==> flow/design.v <==
module my_multiplier #(
   parameter W = 8,
   parameter G = 4
) (
   input ck,
   input i_rst,
   input [W-1:0] op_a,
   input [W-1:0] op_b,
   input start,
   output [2*W+G-1:0] res
);
   wire [2*W-1:0] r = op_a * op_b;
   reg [2*W+G-1:0] run_sum;
   assign res = run_sum;
   always @(posedge ck or posedge i_rst) begin
      if (i_rst) begin
         run_sum <= 0;
      end else begin
         run_sum <= start ? r : run_sum + r;
      end
   end
endmodule
==> Step by step through the tools: my_multiplier <==
Tool output for the design above, in the order of the flow.
Lines are those of the file above, counted from 1.
Operators: Yosys type, input widths -> output width; for muxes data width and select width s.
{ "inputs": {"top": "my_multiplier", "clk_port": "ck", "cell_library": "sky130hd", "pvt_corner": "tt_025C_1v80"} }

==> Word-level counts <==
Source: Yosys, flattened and elaborated, memories not mapped. Widths are those after wreduce; folded enables and synchronous resets count as part of the registers. Registers that Yosys merges into a memory's read port (data or address) are not register bits. Print and check cells do not count. Equal cells are merged and count once.
{ "word_totals": {"register_bits": 20, "out_inout_bits": 20} }
{ "op_classes": {"add_sub_neg": 1, "n_mul": 1, "mux": 1} }
{ "op_table": {"columns": ["cell", "n"], "rows": [
  ["$mul 8x8->16", 1],
  ["$add 20x16->20", 1],
  ["$mux 20", 1]
]} }

==> Depth <==
Yosys ltp: most cells in a row. Word level: on the elaborated netlist, between registers, memories and ports. Mapped: between sequential cells and ports; inverters and the memories' decode and read muxes count.
{ "depth": {"depth_word": 3, "ABC_AREA": 1, "mapped_depth": 30, "depth_no_buf": 29} }

==> Mapped cells and area <==
Source: synth_stat.txt of the flow (Yosys; design flattened, memories mapped). It holds for the ABC_AREA given above (unset counts as 0); a run with the other value may have another netlist.
{ "synth_totals": {"cells": 651, "yosys_area_um2": 4227.8, "seqArea_um2": 500.5, "flip_flops": 20, "buffers": 19} }
{ "by_type": {"columns": ["cell_type", "n", "type_area_um2"], "rows": [
  ["sky130_fd_sc_hd__nand2_1", 210, 788.256],
  ["sky130_fd_sc_hd__fa_1", 37, 740.71],
  ["sky130_fd_sc_hd__ha_1", 54, 675.648],
  ["sky130_fd_sc_hd__inv_1", 153, 574.301],
  ["sky130_fd_sc_hd__dfrtp_1", 20, 500.48],
  ["sky130_fd_sc_hd__nand3_1", 41, 205.197],
  ["sky130_fd_sc_hd__nor2_1", 35, 131.376],
  ["sky130_fd_sc_hd__a21oi_1", 21, 105.101],
  ["sky130_fd_sc_hd__clkbuf_1", 16, 60.058],
  ["sky130_fd_sc_hd__xnor2_1", 5, 43.792],
  ["sky130_fd_sc_hd__o21ai_0", 8, 40.038],
  ["sky130_fd_sc_hd__a21oi_2", 4, 35.034],
  ["sky130_fd_sc_hd__and2_1", 5, 31.28],
  ["sky130_fd_sc_hd__nand2_2", 5, 31.28],
  ["sky130_fd_sc_hd__nand4_1", 5, 31.28],
  ["sky130_fd_sc_hd__nor3_1", 6, 30.029],
  ["sky130_fd_sc_hd__xor2_1", 3, 26.275],
  ["sky130_fd_sc_hd__or2_1", 4, 25.024]
]} }
Not listed: further types 14, cells in them 19.

==> Timing after synthesis <==
Path of least setup slack by OpenSTA after synthesis, without wires, with an ideal clock, recovery checks aside; 20% of the period is set as input and as output delay. Where synthesis merged equal registers, the netlist keeps one of their names.
{ "synth_path": {"path_kind": "input -> register", "from": "input port op_a[0]", "to": "register run_sum[19]", "period_ns": 7.83, "in_delay_ns": 1.566, "setup_time_ns": 0.114, "t_arrival_ns": 6.007, "required_ns": 7.716, "path_slack_ns": 1.709, "path_delay_ns": 4.555, "driving_pins": 25, "path_buffers": 1, "period_less_setup_slack_ns": 6.121} }
"path_delay_ns" is the arrival time less input delay plus setup time.
"driving_pins" counts driving pins, that of a launching flip-flop among them; a cell with two outputs on the path counts twice.
"period_less_setup_slack_ns" = period - worst setup slack (recovery checks aside). The figure is calculated, with input and output delays left at 20% of the set period.
The rows between start and end are the longest chain of elaborated cells between them; the timing report does not say that the signal goes this way. Where chains are equally long, one stands for them.
A line is the first line of the expression or statement that the cell stems from. Yosys adds cells for indexed reads and writes and turns some case tables into memories.
{ "synth_via": {"path_cell_list": "sky130_fd_sc_hd__clkbuf_1 sky130_fd_sc_hd__nand2_1 sky130_fd_sc_hd__fa_1 sky130_fd_sc_hd__fa_1 sky130_fd_sc_hd__inv_1 sky130_fd_sc_hd__fa_1 sky130_fd_sc_hd__inv_1 sky130_fd_sc_hd__fa_1 sky130_fd_sc_hd__inv_1 sky130_fd_sc_hd__ha_1 sky130_fd_sc_hd__nand2_1 sky130_fd_sc_hd__nor2_1 sky130_fd_sc_hd__nand3_1 sky130_fd_sc_hd__nand3_1 sky130_fd_sc_hd__nand2_1 sky130_fd_sc_hd__and2_1 sky130_fd_sc_hd__ha_1 sky130_fd_sc_hd__nand2_2 sky130_fd_sc_hd__nor2_1 sky130_fd_sc_hd__and2_1 sky130_fd_sc_hd__nand3_2 sky130_fd_sc_hd__nand3_1 sky130_fd_sc_hd__nand2_1 sky130_fd_sc_hd__inv_1 sky130_fd_sc_hd__nor2_1", "elab_chain_len": 3, "cells_between": 3, "lines_between": 2, "cone_classes": "add/sub: 1; mul: 1; mux: 1"} }
{ "synth_rtl": {"columns": ["element", "line", "source"], "rows": [
  ["start, declared", 7, "input [W-1:0] op_a,"],
  ["$mul 8x8->16", 12, "wire [2*W-1:0] r = op_a * op_b;"],
  ["$add 20x16->20", 19, "run_sum <= start ? r : run_sum + r;"],
  ["$mux 20", 19, null],
  ["end, assigned", 17, "run_sum <= 0;"],
  ["end, assigned", 19, null],
  ["end, declared", 13, "reg [2*W+G-1:0] run_sum;"]
]} }

==> Path in the finished layout <==
From the final timing report of flow run A: the path of least setup slack in the routed layout; clock arrival at registers is part of the times.
{ "layout_path": {"path_kind": "input -> register", "from": "input port op_a[0]", "to": "register run_sum[13]", "period_ns": 9.64, "in_delay_ns": 1.93, "setup_time_ns": 0.11, "t_arrival_ns": 7.49, "required_ns": 9.79, "path_slack_ns": 2.30, "driving_pins": 28, "path_buffers": 1} }
The rows between start and end are the longest chain of elaborated cells between them; the timing report does not say that the signal goes this way. Where chains are equally long, one stands for them.
{ "layout_via": {"path_cell_list": "sky130_fd_sc_hd__clkdlybuf4s50_1 sky130_fd_sc_hd__nand2_1 sky130_fd_sc_hd__fa_1 sky130_fd_sc_hd__fa_1 sky130_fd_sc_hd__inv_1 sky130_fd_sc_hd__fa_1 sky130_fd_sc_hd__inv_1 sky130_fd_sc_hd__fa_1 sky130_fd_sc_hd__inv_1 sky130_fd_sc_hd__ha_1 sky130_fd_sc_hd__nand2_1 sky130_fd_sc_hd__inv_1 sky130_fd_sc_hd__nand2_1 sky130_fd_sc_hd__nand2_2 sky130_fd_sc_hd__nand2_1 sky130_fd_sc_hd__nand2_1 sky130_fd_sc_hd__nand2_1 sky130_fd_sc_hd__and2_1 sky130_fd_sc_hd__ha_1 sky130_fd_sc_hd__nand2_1 sky130_fd_sc_hd__inv_1 sky130_fd_sc_hd__nand2_1 sky130_fd_sc_hd__nor3_1 sky130_fd_sc_hd__nand2_1 sky130_fd_sc_hd__nand2_1 sky130_fd_sc_hd__nand2_1 sky130_fd_sc_hd__nand3_1 sky130_fd_sc_hd__nand2_1", "elab_chain_len": 3, "cells_between": 3, "lines_between": 2, "cone_classes": "add/sub: 1; mul: 1; mux: 1"} }
{ "layout_rtl": {"columns": ["element", "line", "source"], "rows": [
  ["start, declared", 7, "input [W-1:0] op_a,"],
  ["$mul 8x8->16", 12, "wire [2*W-1:0] r = op_a * op_b;"],
  ["$add 20x16->20", 19, "run_sum <= start ? r : run_sum + r;"],
  ["$mux 20", 19, null],
  ["end, assigned", 17, "run_sum <= 0;"],
  ["end, assigned", 19, null],
  ["end, declared", 13, "reg [2*W+G-1:0] run_sum;"]
]} }

Hand-over note for my_multiplier

Top module my_multiplier; platform sky130hd; tools Yosys and OpenROAD; 3 stored runs in no particular order. Input and output delays are each 20% of the period that was set; the output load is 0.01 pF.
"achieved clock period (ns)" is the run's clock period less its worst setup slack. It is reckoned from that one timing run; input and output delays stay at 20% of the period that was set.
"worst setup path time (ns)" = time allowed to the worst setup path (clock period - input delay - output delay, where it has them) - its slack; a late launch clock adds to it, a late capture clock takes from it.

settings of flow run A
{
  "period_ns": 9.64,
  "CORE_UTILIZATION": 23,
  "SETUP_SLACK_MARGIN": -0.35,
  "PLACE_DENSITY_LB_ADDON": 0.19,
  "HOLD_SLACK_MARGIN": 0.19,
  "CORE_ASPECT_RATIO": 1.26,
  "CELL_PAD_IN_SITES_GLOBAL_PLACEMENT": 3,
  "ABC_AREA": 1,
  "CTS_CLUSTER_SIZE": 100,
  "CTS_CLUSTER_DIAMETER": 185,
  "MIN_ROUTING_LAYER": "met1",
  "CAP_MARGIN": 20,
  "CORE_MARGIN": 2,
  "SLEW_MARGIN": 20
}
report of flow run A
yosys chip area after synthesis (um^2): 4227.8
finish__design__die__area: 19489.5
finish__design__instance__area__stdcell: 4890.9
finish__design__instance__utilization: 0.2723
finish__timing__setup__ws: 2.298
finish__timing__setup__tns: 0.000
finish__timing__hold__ws: 0.556
achieved clock period (ns): 7.342
worst setup path time (ns): 5.41
worst setup path kind: input -> register

settings of flow run B
{
  "period_ns": 7.83,
  "CAP_MARGIN": 20,
  "CORE_MARGIN": 2,
  "CORE_UTILIZATION": 40,
  "SLEW_MARGIN": 20
}
report of flow run B
yosys chip area after synthesis (um^2): 3679.8
finish__design__die__area: 9983.0
finish__design__instance__area__stdcell: 4227.8
finish__design__instance__utilization: 0.4801
finish__timing__setup__ws: 0.594
finish__timing__setup__tns: 0.000
finish__timing__hold__ws: 0.636
achieved clock period (ns): 7.236
worst setup path time (ns): 5.67
worst setup path kind: input -> register

settings of flow run C
{
  "period_ns": 4.49,
  "CORE_UTILIZATION": 45,
  "PLACE_DENSITY_LB_ADDON": 0.09,
  "CORE_ASPECT_RATIO": 1.46,
  "CORE_MARGIN": 7,
  "CELL_PAD_IN_SITES_GLOBAL_PLACEMENT": 1,
  "CTS_CLUSTER_SIZE": 82,
  "MIN_ROUTING_LAYER": "met1",
  "CAP_MARGIN": 20,
  "SLEW_MARGIN": 20
}
report of flow run C
yosys chip area after synthesis (um^2): 3679.8
finish__design__die__area: 10950.9
finish__design__instance__area__stdcell: 6112.1
finish__design__instance__utilization: 0.7780
finish__timing__setup__ws: -1.141
finish__timing__setup__tns: -12.316
finish__timing__hold__ws: 0.645
achieved clock period (ns): 5.631
worst setup path time (ns): 4.73
worst setup path kind: input -> register

End of note.
